==> flow/design.v <==
module core_mul_v2 #(
  parameter int W = 11
) (
  input  logic i_clk,
  input  logic clk_en,
  input  logic [W-1:0] i_da,
  input  logic [W-1:0] i_db,
  input  logic [2*W-1:0] i_dc,
  output logic [2*W:0] o_out
);
  logic [W-1:0] da_reg;
  logic [W-1:0] db_reg;
  logic [2*W-1:0] dc_reg;
  logic [2*W-1:0] t_reg;
  logic [2*W-1:0] dc_reg_d;
  always_ff @(posedge i_clk) begin
    if (clk_en) begin
      da_reg <= i_da;
      db_reg <= i_db;
      dc_reg <= i_dc;
      t_reg <= da_reg * db_reg;
      dc_reg_d <= dc_reg;
      o_out <= t_reg + dc_reg_d;
    end
  end
endmodule
---- From RTL to reports: core_mul_v2 ----
The steps from the RTL of core_mul_v2 to its reports follow in flow order.
Line numbers count from 1 in the design file above.
The mark n/a stands for no value.
inputs
  design top .............................. core_mul_v2
  clock ................................... i_clk
  cell library ............................ sky130hd
  library corner .......................... tt_025C_1v80

---- Word-level counts ----
Source: Yosys, flattened and elaborated, memories not mapped. Widths are those after wreduce; folded enables and synchronous resets count as part of the registers. Registers that Yosys merges into a memory's read port (data or address) are not register bits. Print and check cells do not count. Equal cells are merged and count once.
operators by class
  add/subtract/negate cells ............... 1
  multiply operators ...................... 1
operators by type and width
  kind                          count
  multiplier 11 x 11 -> 22 bit  1
  adder 22 x 22 -> 23 bit       1
word-level totals
  output and inout port bits .............. 23
  register bits after elaboration ......... 111
  bits of input ports ..................... 46

---- Logic depth ----
Depth = most cells in a row (Yosys ltp): at word level without a register or memory, in the mapped netlist without a sequential cell, where the memories' decode and read muxes count.
depth
  depth after elaboration ................. 1
  ABC_AREA ................................ 0
  mapped depth ............................ 20

---- After synthesis ----
Source: synth_stat.txt of the flow (Yosys; design flattened, memories mapped). It holds for the ABC_AREA given above (unset counts as 0); a run with the other value may have another netlist.
mapped netlist
  buffers ................................. 24
  cell count .............................. 727
  flip-flops .............................. 111
  sequential area ......................... 3333.2 µm²
  cell area after synthesis ............... 8401.8 µm²
cell types
  cell type                  count  area in all (µm²)
  sky130_fd_sc_hd__edfxtp_1  111    3.33E+03
  sky130_fd_sc_hd__fa_1      81     1.62E+03
  sky130_fd_sc_hd__ha_1      82     1.03E+03
  sky130_fd_sc_hd__and2_1    70     437.92
  sky130_fd_sc_hd__inv_1     109    409.142
  sky130_fd_sc_hd__nand2_1   70     262.752
  sky130_fd_sc_hd__xnor2_1   25     218.96
  sky130_fd_sc_hd__a21o_1    20     150.144
  sky130_fd_sc_hd__a21oi_1   29     145.139
  sky130_fd_sc_hd__nor2_1    26     97.594
  sky130_fd_sc_hd__clkbuf_1  24     90.086
  sky130_fd_sc_hd__xor2_1    10     87.584
  sky130_fd_sc_hd__o21a_1    6      45.043
  sky130_fd_sc_hd__a221oi_2  2      30.029
  sky130_fd_sc_hd__nand3_1   6      30.029
  sky130_fd_sc_hd__o21ai_0   6      30.029
  sky130_fd_sc_hd__o21bai_1  4      30.029
  sky130_fd_sc_hd__nor3_1    4      20.019
Not listed: further types 29, cells in them 42.

---- Timing after synthesis ----
Path of least setup slack by OpenSTA after synthesis, without wires, with an ideal clock, recovery checks aside; 20% of the period is set as input and as output delay. Where synthesis merged equal registers, the netlist keeps one of their names.
timing path post-synthesis
  kind .................................... reg-to-reg
  from .................................... register db_reg[4]
  to ...................................... register t_reg[18]
  slack ................................... 1248 ps
  delay of the path ....................... 5002 ps
  library setup time ...................... 259 ps
  stages .................................. 19
  time at the first pin ................... 0 ps
  arrival time ............................ 4743 ps
  clock period ............................ 6250 ps
  synthesis period reached ................ 5002 ps
"delay of the path" is the arrival time less input delay plus setup time.
"stages" counts driving pins, that of a launching flip-flop among them; a cell with two outputs on the path counts twice.
"synthesis period reached" is the clock period less the worst setup slack; recovery checks do not enter. This is arithmetic on one report: input and output delays are still those of the set period (20% each).
The rows between start and end are the longest chain of elaborated cells between them; the timing report does not say that the signal goes this way. Where chains are equally long, one stands for them.
A line is the first line of the expression or statement that the cell stems from. Yosys adds cells for indexed reads and writes and turns some case tables into memories.
on the way, post-synthesis
  cells stage by stage .................... sky130_fd_sc_hd__edfxtp_1 > sky130_fd_sc_hd__clkbuf_1 > sky130_fd_sc_hd__nand2_1 > sky130_fd_sc_hd__fa_1 > sky130_fd_sc_hd__fa_1 > sky130_fd_sc_hd__inv_1 > sky130_fd_sc_hd__ha_1 > sky130_fd_sc_hd__fa_1 > sky130_fd_sc_hd__inv_1 > sky130_fd_sc_hd__fa_1 > sky130_fd_sc_hd__inv_1 > sky130_fd_sc_hd__ha_1 > sky130_fd_sc_hd__and3_1 > sky130_fd_sc_hd__a221oi_2 > sky130_fd_sc_hd__a21oi_2 > sky130_fd_sc_hd__a221oi_2 > sky130_fd_sc_hd__o21ai_1 > sky130_fd_sc_hd__a21oi_2 > sky130_fd_sc_hd__xnor2_1
  length of the longest elaborated chain .. 1
RTL lines, path post-synthesis
  item                          line  text
  start: declaration            12    logic [W-1:0] db_reg;
  start: assignment             19    db_reg <= i_db;
  multiplier 11 x 11 -> 22 bit  21    t_reg <= da_reg * db_reg;
  end: assignment               21
  end: declaration              14    logic [2*W-1:0] t_reg;

---- Worst path after layout ----
From the final timing report of entry B: the path of least setup slack in the routed layout; clock arrival at registers is part of the times.
The path's times are printed in steps of 10 ps; the period is the one set.
timing path after layout
  kind .................................... reg-to-reg
  from .................................... register db_reg[8]
  to ...................................... register t_reg[19]
  slack ................................... -1620 ps
  time at the first pin ................... 380 ps
  clock period ............................ 3220 ps
  arrival time ............................ 4960 ps
  library setup time ...................... 250 ps
  stages .................................. 18
The rows between start and end are the longest chain of elaborated cells between them; the timing report does not say that the signal goes this way. Where chains are equally long, one stands for them.
on the way, after layout
  cells stage by stage .................... sky130_fd_sc_hd__edfxtp_1 > sky130_fd_sc_hd__buf_8 > sky130_fd_sc_hd__and2_4 > sky130_fd_sc_hd__fa_1 > sky130_fd_sc_hd__fa_1 > sky130_fd_sc_hd__fa_1 > sky130_fd_sc_hd__fa_1 > sky130_fd_sc_hd__inv_2 > sky130_fd_sc_hd__fa_1 > sky130_fd_sc_hd__inv_2 > sky130_fd_sc_hd__ha_4 > sky130_fd_sc_hd__nand2_4 > sky130_fd_sc_hd__o21ai_4 > sky130_fd_sc_hd__nand2_2 > sky130_fd_sc_hd__a21oi_4 > sky130_fd_sc_hd__o21bai_1 > sky130_fd_sc_hd__a31oi_1 > sky130_fd_sc_hd__xor2_1
  length of the longest elaborated chain .. 1
RTL lines, path after layout
  item                          line  text
  start: declaration            12    logic [W-1:0] db_reg;
  start: assignment             19    db_reg <= i_db;
  multiplier 11 x 11 -> 22 bit  21    t_reg <= da_reg * db_reg;
  end: assignment               21
  end: declaration              14    logic [2*W-1:0] t_reg;

Design core_mul_v2 on sky130hd. What follows are 3 stored runs of the flow, each under its own settings; their order means nothing. The constraints put input and output delay at 20% of the set period each and load the outputs with 0.01 pF.
"achieved period": clock period set for the run, less the worst setup slack. It is reckoned from that one timing run; input and output delays stay at 20% of the period that was set.
"time used up by the worst setup path" is the time allowed to the run's worst setup path (the clock period less input and output delay, where it has them) less its slack. Clock arrival times count: a late capture clock shortens it, a late launch clock lengthens it.
By "power consumption" is meant OpenSTA's value without simulated activity: inputs other than the clock are taken to toggle once in ten clock periods, and the tool carries that through the logic.
"time used up by the worst setup path" is given in steps of 10 ps.

======== entry A ========
==> flow/run.sh <==
#!/bin/bash
# the make line also repeats the synthesis and layout settings of config.mk as NAME=value (left out here)
make -C /OpenROAD-flow-scripts/flow DESIGN_CONFIG=/design/flow/config.mk WORK_HOME=/design/flow/orfs CLKGATE_MAP_FILE= finish
==> flow/config.mk <==
export PLATFORM = sky130hd
export DESIGN_NAME = core_mul_v2
export DESIGN_NICKNAME = core_mul_v2
export VERILOG_FILES = /design/flow/design.v
export SDC_FILE = /design/flow/constraint.sdc
export NUM_CORES = 4
export LEC_CHECK = 0
export CAP_MARGIN = 20
export CELL_PAD_IN_SITES_DETAIL_PLACEMENT = 0
export CELL_PAD_IN_SITES_GLOBAL_PLACEMENT = 2
export CORE_ASPECT_RATIO = 0.75
export CORE_MARGIN = 2
export CORE_UTILIZATION = 66
export CTS_CLUSTER_DIAMETER = 247
export GPL_TIMING_DRIVEN = 1
export PLACE_DENSITY_LB_ADDON = 0.29
export SLEW_MARGIN = 20
export TNS_END_PERCENT = 45
==> flow/constraint.sdc <==
create_clock -name core_clock -period 4.27 [get_ports {i_clk}]
set_input_delay 0.8540 -clock core_clock [delete_from_list [all_inputs] [get_ports {i_clk}]]
set_output_delay 0.8540 -clock core_clock [all_outputs]
set_load 0.01 [all_outputs]

-------- entry A --------
  stopped before the end: placement reported FLW-0024

======== entry B ========
==> flow/run.sh <==
#!/bin/bash
# the make line also repeats the synthesis and layout settings of config.mk as NAME=value (left out here)
make -C /OpenROAD-flow-scripts/flow DESIGN_CONFIG=/design/flow/config.mk WORK_HOME=/design/flow/orfs CLKGATE_MAP_FILE= finish
==> flow/config.mk <==
export PLATFORM = sky130hd
export DESIGN_NAME = core_mul_v2
export DESIGN_NICKNAME = core_mul_v2
export VERILOG_FILES = /design/flow/design.v
export SDC_FILE = /design/flow/constraint.sdc
export NUM_CORES = 4
export LEC_CHECK = 0
export CAP_MARGIN = 30
export CELL_PAD_IN_SITES_GLOBAL_PLACEMENT = 1
export CORE_MARGIN = 9
export CORE_UTILIZATION = 26
export CTS_CLUSTER_DIAMETER = 198
export GPL_ROUTABILITY_DRIVEN = 1
export GPL_TIMING_DRIVEN = 0
export MIN_ROUTING_LAYER = met1
export PLACE_DENSITY_LB_ADDON = 0.04
export SLEW_MARGIN = 20
==> flow/constraint.sdc <==
create_clock -name core_clock -period 3.22 [get_ports {i_clk}]
set_input_delay 0.6440 -clock core_clock [delete_from_list [all_inputs] [get_ports {i_clk}]]
set_output_delay 0.6440 -clock core_clock [all_outputs]
set_load 0.01 [all_outputs]

-------- measured, entry B --------
  setup total negative slack .............. -21526 ps
  post-route worst hold slack ............. 422 ps
  utilization in the final report ......... 34.9%
  die size ................................ 39109.0 µm²
  time used up by the worst setup path .... 4840 ps
  type of the worst setup path ............ reg-to-reg
  power consumption ....................... 13057 uW
  setup slack of the critical path ........ -1620 ps
  achieved period ......................... 4840 ps
  post-synthesis cell area ................ 8401.8 µm²
  standard-cell area of the final layout .. 11054.4 µm²

======== entry C ========
==> flow/run.sh <==
#!/bin/bash
# the make line also repeats the synthesis and layout settings of config.mk as NAME=value (left out here)
make -C /OpenROAD-flow-scripts/flow DESIGN_CONFIG=/design/flow/config.mk WORK_HOME=/design/flow/orfs CLKGATE_MAP_FILE= finish
==> flow/config.mk <==
export PLATFORM = sky130hd
export DESIGN_NAME = core_mul_v2
export DESIGN_NICKNAME = core_mul_v2
export VERILOG_FILES = /design/flow/design.v
export SDC_FILE = /design/flow/constraint.sdc
export NUM_CORES = 4
export LEC_CHECK = 0
export CAP_MARGIN = 20
export CORE_MARGIN = 2
export CORE_UTILIZATION = 40
export SLEW_MARGIN = 20
==> flow/constraint.sdc <==
create_clock -name core_clock -period 6.25 [get_ports {i_clk}]
set_input_delay 1.2500 -clock core_clock [delete_from_list [all_inputs] [get_ports {i_clk}]]
set_output_delay 1.2500 -clock core_clock [all_outputs]
set_load 0.01 [all_outputs]

-------- measured, entry C --------
  setup total negative slack .............. 0 ps
  post-route worst hold slack ............. 422 ps
  utilization in the final report ......... 46.5%
  die size ................................ 22180.1 µm²
  time used up by the worst setup path .... 5280 ps
  type of the worst setup path ............ reg-to-reg
  power consumption ....................... 4845 uW
  setup slack of the critical path ........ 969 ps
  achieved period ......................... 5281 ps
  post-synthesis cell area ................ 8401.8 µm²
  standard-cell area of the final layout .. 9674.3 µm²
